==> flow/design.v <==
module u_switch_blk #(
  parameter integer WD = 3,
  parameter integer NIN = 6
) (
  input  logic clk,
  input  logic resetn,
  input  logic [NIN*WD-1:0] val,
  input  logic [NIN-1:0] sel,
  output logic [WD-1:0] result
);
  logic [NIN*WD-1:0] val_s;
  logic [NIN-1:0] sel_s;
  logic [WD-1:0] r;
  always_comb begin
    r = '0;
    for (int n = NIN-1; n >= 0; n = n - 1)
      if (sel_s[n]) r = val_s[n*WD +: WD];
  end
  always_ff @(posedge clk) begin
    if (!resetn) begin
      val_s <= '0;
      sel_s <= '0;
      result <= '0;
    end else begin
      val_s <= val;
      sel_s <= sel;
      result <= r;
    end
  end
endmodule
* Tool chain data of u_switch_blk
Tool output for the members of one design family, told apart by "WD", in the order of the flow. The RTL above is that of WD = 3; lines are counted from 1 in the file of the member named. The mark n/a stands for no value.
Design: top u_switch_blk, clock clk, standard-cell library sky130hd, library corner tt_025C_1v80

* Source of the members
Lines of each other member's file that are new or changed against the file above; lines that a member lacks are not shown.
Lines new or changed:
- WD 4 | line 2 | parameter integer WD = 4,
- WD 20 | line 2 | parameter integer WD = 20,
- WD 24 | line 2 | parameter integer WD = 24,
- WD 48 | line 2 | parameter integer WD = 48,
- WD 64 | line 2 | parameter integer WD = 64,

* After elaboration
Source: Yosys, flattened and elaborated, memories not mapped. Widths are those after wreduce; folded enables and synchronous resets count as part of the registers. Registers that Yosys merges into a memory's read port (data or address) are not register bits. Print and check cells do not count. Equal cells are merged and count once.
Storage and ports:
- WD 3 | latch bits 0, word width x clocked read ports 0, memory bits (read-only) 0, output and inout bits 3, elaborated cells 9, register bits 27, memory cells 0, bits in writable memories 0
- WD 4 | latch bits 0, word width x clocked read ports 0, memory bits (read-only) 0, output and inout bits 4, elaborated cells 9, register bits 34, memory cells 0, bits in writable memories 0
- WD 20 | latch bits 0, word width x clocked read ports 0, memory bits (read-only) 0, output and inout bits 20, elaborated cells 9, register bits 146, memory cells 0, bits in writable memories 0
- WD 24 | latch bits 0, word width x clocked read ports 0, memory bits (read-only) 0, output and inout bits 24, elaborated cells 9, register bits 174, memory cells 0, bits in writable memories 0
- WD 48 | latch bits 0, word width x clocked read ports 0, memory bits (read-only) 0, output and inout bits 48, elaborated cells 9, register bits 342, memory cells 0, bits in writable memories 0
- WD 64 | latch bits 0, word width x clocked read ports 0, memory bits (read-only) 0, output and inout bits 64, elaborated cells 9, register bits 454, memory cells 0, bits in writable memories 0
Cells by class:
- WD 3 | magnitude comparators 0, reduce/logical cells 0, $add $sub $neg 0, shift operators 0, multiply operators 0, muxes and demuxes 6, divide/modulo/power cells 0, eq/ne operators 0, bitwise operators 0
- WD 4 | magnitude comparators 0, reduce/logical cells 0, $add $sub $neg 0, shift operators 0, multiply operators 0, muxes and demuxes 6, divide/modulo/power cells 0, eq/ne operators 0, bitwise operators 0
- WD 20 | magnitude comparators 0, reduce/logical cells 0, $add $sub $neg 0, shift operators 0, multiply operators 0, muxes and demuxes 6, divide/modulo/power cells 0, eq/ne operators 0, bitwise operators 0
- WD 24 | magnitude comparators 0, reduce/logical cells 0, $add $sub $neg 0, shift operators 0, multiply operators 0, muxes and demuxes 6, divide/modulo/power cells 0, eq/ne operators 0, bitwise operators 0
- WD 48 | magnitude comparators 0, reduce/logical cells 0, $add $sub $neg 0, shift operators 0, multiply operators 0, muxes and demuxes 6, divide/modulo/power cells 0, eq/ne operators 0, bitwise operators 0
- WD 64 | magnitude comparators 0, reduce/logical cells 0, $add $sub $neg 0, shift operators 0, multiply operators 0, muxes and demuxes 6, divide/modulo/power cells 0, eq/ne operators 0, bitwise operators 0
Operators with widths (kinds with counts):
- WD 3 | two-way mux 3 bit (6)
- WD 4 | two-way mux 4 bit (6)
- WD 20 | two-way mux 20 bit (6)
- WD 24 | two-way mux 24 bit (6)
- WD 48 | two-way mux 48 bit (6)
- WD 64 | two-way mux 64 bit (6)

* Depth
Depth = most cells in a row (Yosys ltp): at word level without a register or memory, in the mapped netlist without a sequential cell, where the memories' decode and read muxes count.
Logic depth:
- WD 3 | depth after elaboration 6, ABC_AREA 0, gate-level depth with buffers 3, mapped depth without buffers 3
- WD 4 | depth after elaboration 6, ABC_AREA 0, gate-level depth with buffers 3, mapped depth without buffers 3
- WD 20 | depth after elaboration 6, ABC_AREA 0, gate-level depth with buffers 5, mapped depth without buffers 3
- WD 24 | depth after elaboration 6, ABC_AREA 0, gate-level depth with buffers 6, mapped depth without buffers 3
- WD 48 | depth after elaboration 6, ABC_AREA 0, gate-level depth with buffers 6, mapped depth without buffers 3
- WD 64 | depth after elaboration 6, ABC_AREA 0, gate-level depth with buffers 6, mapped depth without buffers 3

* After synthesis
Yosys stat after the flow's synthesis: flattened, memories mapped to cells. It holds for the ABC_AREA given above (unset counts as 0); a run with the other value may have another netlist. The area totals of this step are shown rounded.
Synthesis totals:
- WD 3 | mapped cells 76, chip area (Yosys) 860.8 um2, area of sequential cells 540.5 um2, buffers 2, flip-flops 27
- WD 4 | mapped cells 96, chip area (Yosys) 1077 um2, area of sequential cells 680.7 um2, buffers 3, flip-flops 34
- WD 20 | mapped cells 452, chip area (Yosys) 4822 um2, area of sequential cells 2923 um2, buffers 36, flip-flops 146
- WD 24 | mapped cells 540, chip area (Yosys) 5724 um2, area of sequential cells 3483 um2, buffers 44, flip-flops 174
- WD 48 | mapped cells 1066, chip area (Yosys) 11260 um2, area of sequential cells 6847 um2, buffers 90, flip-flops 342
- WD 64 | mapped cells 1415, chip area (Yosys) 15010 um2, area of sequential cells 9089 um2, buffers 119, flip-flops 454
Cell types (type and count):
- WD 3 | sky130_fd_sc_hd__dfxtp_1 (27); sky130_fd_sc_hd__and2_1 (24); sky130_fd_sc_hd__a21o_2 (3); sky130_fd_sc_hd__o221ai_1 (3); sky130_fd_sc_hd__and3b_2 (2); sky130_fd_sc_hd__a221oi_1 (2); sky130_fd_sc_hd__a21oi_1 (3); sky130_fd_sc_hd__o21ai_0 (3); sky130_fd_sc_hd__buf_2 (2); sky130_fd_sc_hd__and3b_1 (1); sky130_fd_sc_hd__inv_1 (2); sky130_fd_sc_hd__nand3b_1 (1); sky130_fd_sc_hd__a31oi_1 (1); sky130_fd_sc_hd__nor2b_1 (1); sky130_fd_sc_hd__nor2_1 (1)
- WD 4 | sky130_fd_sc_hd__dfxtp_1 (34); sky130_fd_sc_hd__and2_1 (30); sky130_fd_sc_hd__and3b_1 (4); sky130_fd_sc_hd__o221ai_1 (4); sky130_fd_sc_hd__a21o_1 (4); sky130_fd_sc_hd__a221oi_1 (3); sky130_fd_sc_hd__a21oi_1 (4); sky130_fd_sc_hd__o21ai_0 (4); sky130_fd_sc_hd__clkbuf_1 (3); sky130_fd_sc_hd__inv_1 (2); sky130_fd_sc_hd__nand3b_1 (1); sky130_fd_sc_hd__a31oi_1 (1); sky130_fd_sc_hd__nor2b_1 (1); sky130_fd_sc_hd__nor2_1 (1)
- WD 20 | sky130_fd_sc_hd__dfxtp_1 (146); sky130_fd_sc_hd__and2_1 (126); sky130_fd_sc_hd__a21oi_1 (40); sky130_fd_sc_hd__a221o_1 (19); sky130_fd_sc_hd__a221oi_1 (19); sky130_fd_sc_hd__nand3b_1 (20); sky130_fd_sc_hd__o21ai_0 (20); sky130_fd_sc_hd__clkbuf_1 (21); sky130_fd_sc_hd__inv_1 (20); sky130_fd_sc_hd__buf_2 (10); sky130_fd_sc_hd__buf_6 (3); sky130_fd_sc_hd__dlygate4sd1_1 (2); sky130_fd_sc_hd__a221oi_2 (1); sky130_fd_sc_hd__o221a_1 (1); sky130_fd_sc_hd__or2_4 (1); sky130_fd_sc_hd__nor2b_1 (1); sky130_fd_sc_hd__inv_2 (1); sky130_fd_sc_hd__nand2_1 (1)
- WD 24 | sky130_fd_sc_hd__dfxtp_1 (174); sky130_fd_sc_hd__and2_1 (150); sky130_fd_sc_hd__a21oi_1 (48); sky130_fd_sc_hd__a221o_1 (23); sky130_fd_sc_hd__a221oi_1 (24); sky130_fd_sc_hd__nand3b_1 (24); sky130_fd_sc_hd__clkbuf_1 (34); sky130_fd_sc_hd__o21ai_0 (24); sky130_fd_sc_hd__inv_1 (25); sky130_fd_sc_hd__buf_6 (4); sky130_fd_sc_hd__buf_2 (4); sky130_fd_sc_hd__o221a_2 (1); sky130_fd_sc_hd__buf_1 (2); sky130_fd_sc_hd__nor2b_1 (1); sky130_fd_sc_hd__or2_1 (1); sky130_fd_sc_hd__nand2_1 (1)
- WD 48 | sky130_fd_sc_hd__dfxtp_1 (342); sky130_fd_sc_hd__and2_1 (294); sky130_fd_sc_hd__a21oi_1 (96); sky130_fd_sc_hd__a221o_1 (47); sky130_fd_sc_hd__a221oi_1 (48); sky130_fd_sc_hd__nand3b_1 (48); sky130_fd_sc_hd__clkbuf_1 (75); sky130_fd_sc_hd__o21ai_0 (45); sky130_fd_sc_hd__inv_1 (48); sky130_fd_sc_hd__buf_2 (8); sky130_fd_sc_hd__buf_6 (3); sky130_fd_sc_hd__buf_4 (4); sky130_fd_sc_hd__o21ai_1 (3); sky130_fd_sc_hd__o221a_2 (1); sky130_fd_sc_hd__or2_4 (1); sky130_fd_sc_hd__nor2b_1 (1); sky130_fd_sc_hd__inv_2 (1); sky130_fd_sc_hd__nand2_1 (1)
- WD 64 | sky130_fd_sc_hd__dfxtp_1 (454); sky130_fd_sc_hd__and2_1 (390); sky130_fd_sc_hd__a21oi_1 (128); sky130_fd_sc_hd__a221o_1 (63); sky130_fd_sc_hd__a221oi_1 (64); sky130_fd_sc_hd__nand3b_1 (64); sky130_fd_sc_hd__o21ai_0 (64); sky130_fd_sc_hd__clkbuf_1 (74); sky130_fd_sc_hd__inv_2 (61); sky130_fd_sc_hd__buf_2 (32); sky130_fd_sc_hd__buf_6 (9); sky130_fd_sc_hd__buf_4 (2); sky130_fd_sc_hd__buf_8 (1); sky130_fd_sc_hd__inv_1 (4); sky130_fd_sc_hd__o221a_1 (1); sky130_fd_sc_hd__nor2b_1 (1); sky130_fd_sc_hd__or2_1 (1); sky130_fd_sc_hd__buf_1 (1); sky130_fd_sc_hd__nand2_1 (1)

* Timing after synthesis
Source: OpenSTA report_checks on the synthesized netlist (no wires, ideal clock, input and output delay 20% of the period each), path of least setup slack; recovery checks are left aside. Register names are those of the netlist, which keeps one name where synthesis merged equal registers.
Timing path after synthesis:
- WD 3 | path kind register to register, start point register sel_s[4], end point register result[0], path slack 0.230 ns, delay of the path 0.911 ns, clock period 1.14 ns, driving pins on the path 4, synthesis period reached 0.91 ns
- WD 4 | path kind register to register, start point register sel_s[4], end point register result[2], path slack 0.234 ns, delay of the path 0.926 ns, clock period 1.16 ns, driving pins on the path 4, synthesis period reached 0.926 ns
- WD 20 | path kind register to register, start point register sel_s[2], end point register result[10], path slack 0.286 ns, delay of the path 1.135 ns, clock period 1.42 ns, driving pins on the path 6, synthesis period reached 1.134 ns
- WD 24 | path kind register to register, start point register sel_s[1], end point register result[2], path slack 0.323 ns, delay of the path 1.297 ns, clock period 1.62 ns, driving pins on the path 7, synthesis period reached 1.297 ns
- WD 48 | path kind register to register, start point register sel_s[1], end point register result[32], path slack 0.330 ns, delay of the path 1.331 ns, clock period 1.66 ns, driving pins on the path 7, synthesis period reached 1.33 ns
- WD 64 | path kind register to register, start point register sel_s[4], end point register result[41], path slack 0.300 ns, delay of the path 1.220 ns, clock period 1.52 ns, driving pins on the path 7, synthesis period reached 1.22 ns
"delay of the path" = arrival - input delay + setup time. "driving pins on the path" counts driving pins, that of a launching flip-flop among them; a cell with two outputs on the path counts twice. "synthesis period reached" is the clock period less the worst setup slack; recovery checks do not enter. This is arithmetic on one report: input and output delays are still those of the set period (20% each). Between the ends stands the longest chain of elaborated cells between them, by number of cells; it is not shown to be the way that was timed. Of several equally long chains one is given. Each line given opens the expression or statement behind the cell; cells for indexed reads and writes are added by Yosys, which also makes memories of some case tables.
Between the ends, after synthesis, WD = 3: cells in the longest elaborated chain 5
Ends and longest elaborated chain, after synthesis, WD = 3:
- start, declared | line 12 | logic [NIN-1:0] sel_s;
- start, assigned | line 22 | sel_s <= '0;
- start, assigned | line 26 | sel_s <= sel;
- two-way mux 3 bit x5 | line 17 | if (sel_s[n]) r = val_s[n*WD +: WD];
- end, assigned | line 23 | result <= '0;
- end, assigned | line 27 | result <= r;
- end, declared | line 9 | output logic [WD-1:0] result
Between the ends, after synthesis, WD = 64: cells in the longest elaborated chain 5
Ends and longest elaborated chain, after synthesis, WD = 64:
- start, declared | line 12 | logic [NIN-1:0] sel_s;
- start, assigned | line 22 | sel_s <= '0;
- start, assigned | line 26 | sel_s <= sel;
- two-way mux 64 bit x5 | line 17 | if (sel_s[n]) r = val_s[n*WD +: WD];
- end, assigned | line 23 | result <= '0;
- end, assigned | line 27 | result <= r;
- end, declared | line 9 | output logic [WD-1:0] result

* Path in the finished layout
Path of least setup slack in the final report of the run of each member (OpenROAD, finished layout, wires in). Where an end is a register, its clock arrival counts in the times.
Timing path post-layout:
- WD 3 | path kind register to output, start point register result[1], end point output port result[1], path slack 0.05 ns, path buffers 1, driving pins on the path 2, data arrival time 0.86 ns, clock period 1.14 ns
- WD 4 | path kind register to output, start point register result[0], end point output port result[0], path slack 0.04 ns, path buffers 1, driving pins on the path 2, data arrival time 0.89 ns, clock period 1.16 ns
- WD 20 | path kind register to output, start point register result[3], end point output port result[3], path slack 0.12 ns, path buffers 1, driving pins on the path 2, data arrival time 1.02 ns, clock period 1.42 ns
- WD 24 | path kind register to output, start point register result[15], end point output port result[15], path slack 0.04 ns, path buffers 1, driving pins on the path 2, data arrival time 1.25 ns, clock period 1.62 ns
- WD 48 | path kind register to output, start point register result[36], end point output port result[36], path slack 0.14 ns, path buffers 1, driving pins on the path 2, data arrival time 1.18 ns, clock period 1.66 ns
- WD 64 | path kind register to output, start point register result[16], end point output port result[16], path slack 0.05 ns, path buffers 1, driving pins on the path 2, data arrival time 1.17 ns, clock period 1.52 ns

* Layout results
Settings and results of one run of the flow (Yosys, OpenROAD) for each member follow. The constraints put input and output delay at 20% of the set period each and load the outputs with 0.01 pF.
Settings: CAP_MARGIN 20, CORE_MARGIN 2, CORE_UTILIZATION 40, SLEW_MARGIN 20
Settings that differ (period_ns):
- WD 3 | 1.14
- WD 4 | 1.16
- WD 20 | 1.42
- WD 24 | 1.62
- WD 48 | 1.66
- WD 64 | 1.52
Measured results:
- WD 3 | post-synthesis cell area 860.8 um2, clock period achieved 1.092 ns, overall power 1.576 mW, utilization 0.6, standard-cell area after layout 1201 um2, worst hold slack 0.480 ns, setup slack of the critical path 0.048 ns, full die area 2539 um2, final setup TNS 0.000 ns
- WD 4 | post-synthesis cell area 1077 um2, clock period achieved 1.122 ns, overall power 2.099 mW, utilization 0.604, standard-cell area after layout 1524 um2, worst hold slack 0.474 ns, setup slack of the critical path 0.038 ns, full die area 3124 um2, final setup TNS 0.000 ns
- WD 20 | post-synthesis cell area 4822 um2, clock period achieved 1.302 ns, overall power 9.488 mW, utilization 0.585, standard-cell area after layout 6968 um2, worst hold slack 0.305 ns, setup slack of the critical path 0.118 ns, full die area 12950 um2, final setup TNS 0.000 ns
- WD 24 | post-synthesis cell area 5724 um2, clock period achieved 1.579 ns, overall power 9.517 mW, utilization 0.589, standard-cell area after layout 8208 um2, worst hold slack 0.342 ns, setup slack of the critical path 0.041 ns, full die area 15280 um2, final setup TNS 0.000 ns
- WD 48 | post-synthesis cell area 11260 um2, clock period achieved 1.516 ns, overall power 18.59 mW, utilization 0.583, standard-cell area after layout 16210 um2, worst hold slack 0.218 ns, setup slack of the critical path 0.144 ns, full die area 29500 um2, final setup TNS 0.000 ns
- WD 64 | post-synthesis cell area 15010 um2, clock period achieved 1.475 ns, overall power 27.25 mW, utilization 0.59, standard-cell area after layout 21710 um2, worst hold slack 0.180 ns, setup slack of the critical path 0.045 ns, full die area 39080 um2, final setup TNS 0.000 ns
"clock period achieved": clock period set for the run, less the worst setup slack. It is reckoned from that one timing run; input and output delays stay at 20% of the period that was set. "overall power" rests on the timing tool's default activity at the inputs, not on a simulated workload. Results are given in rounded form.
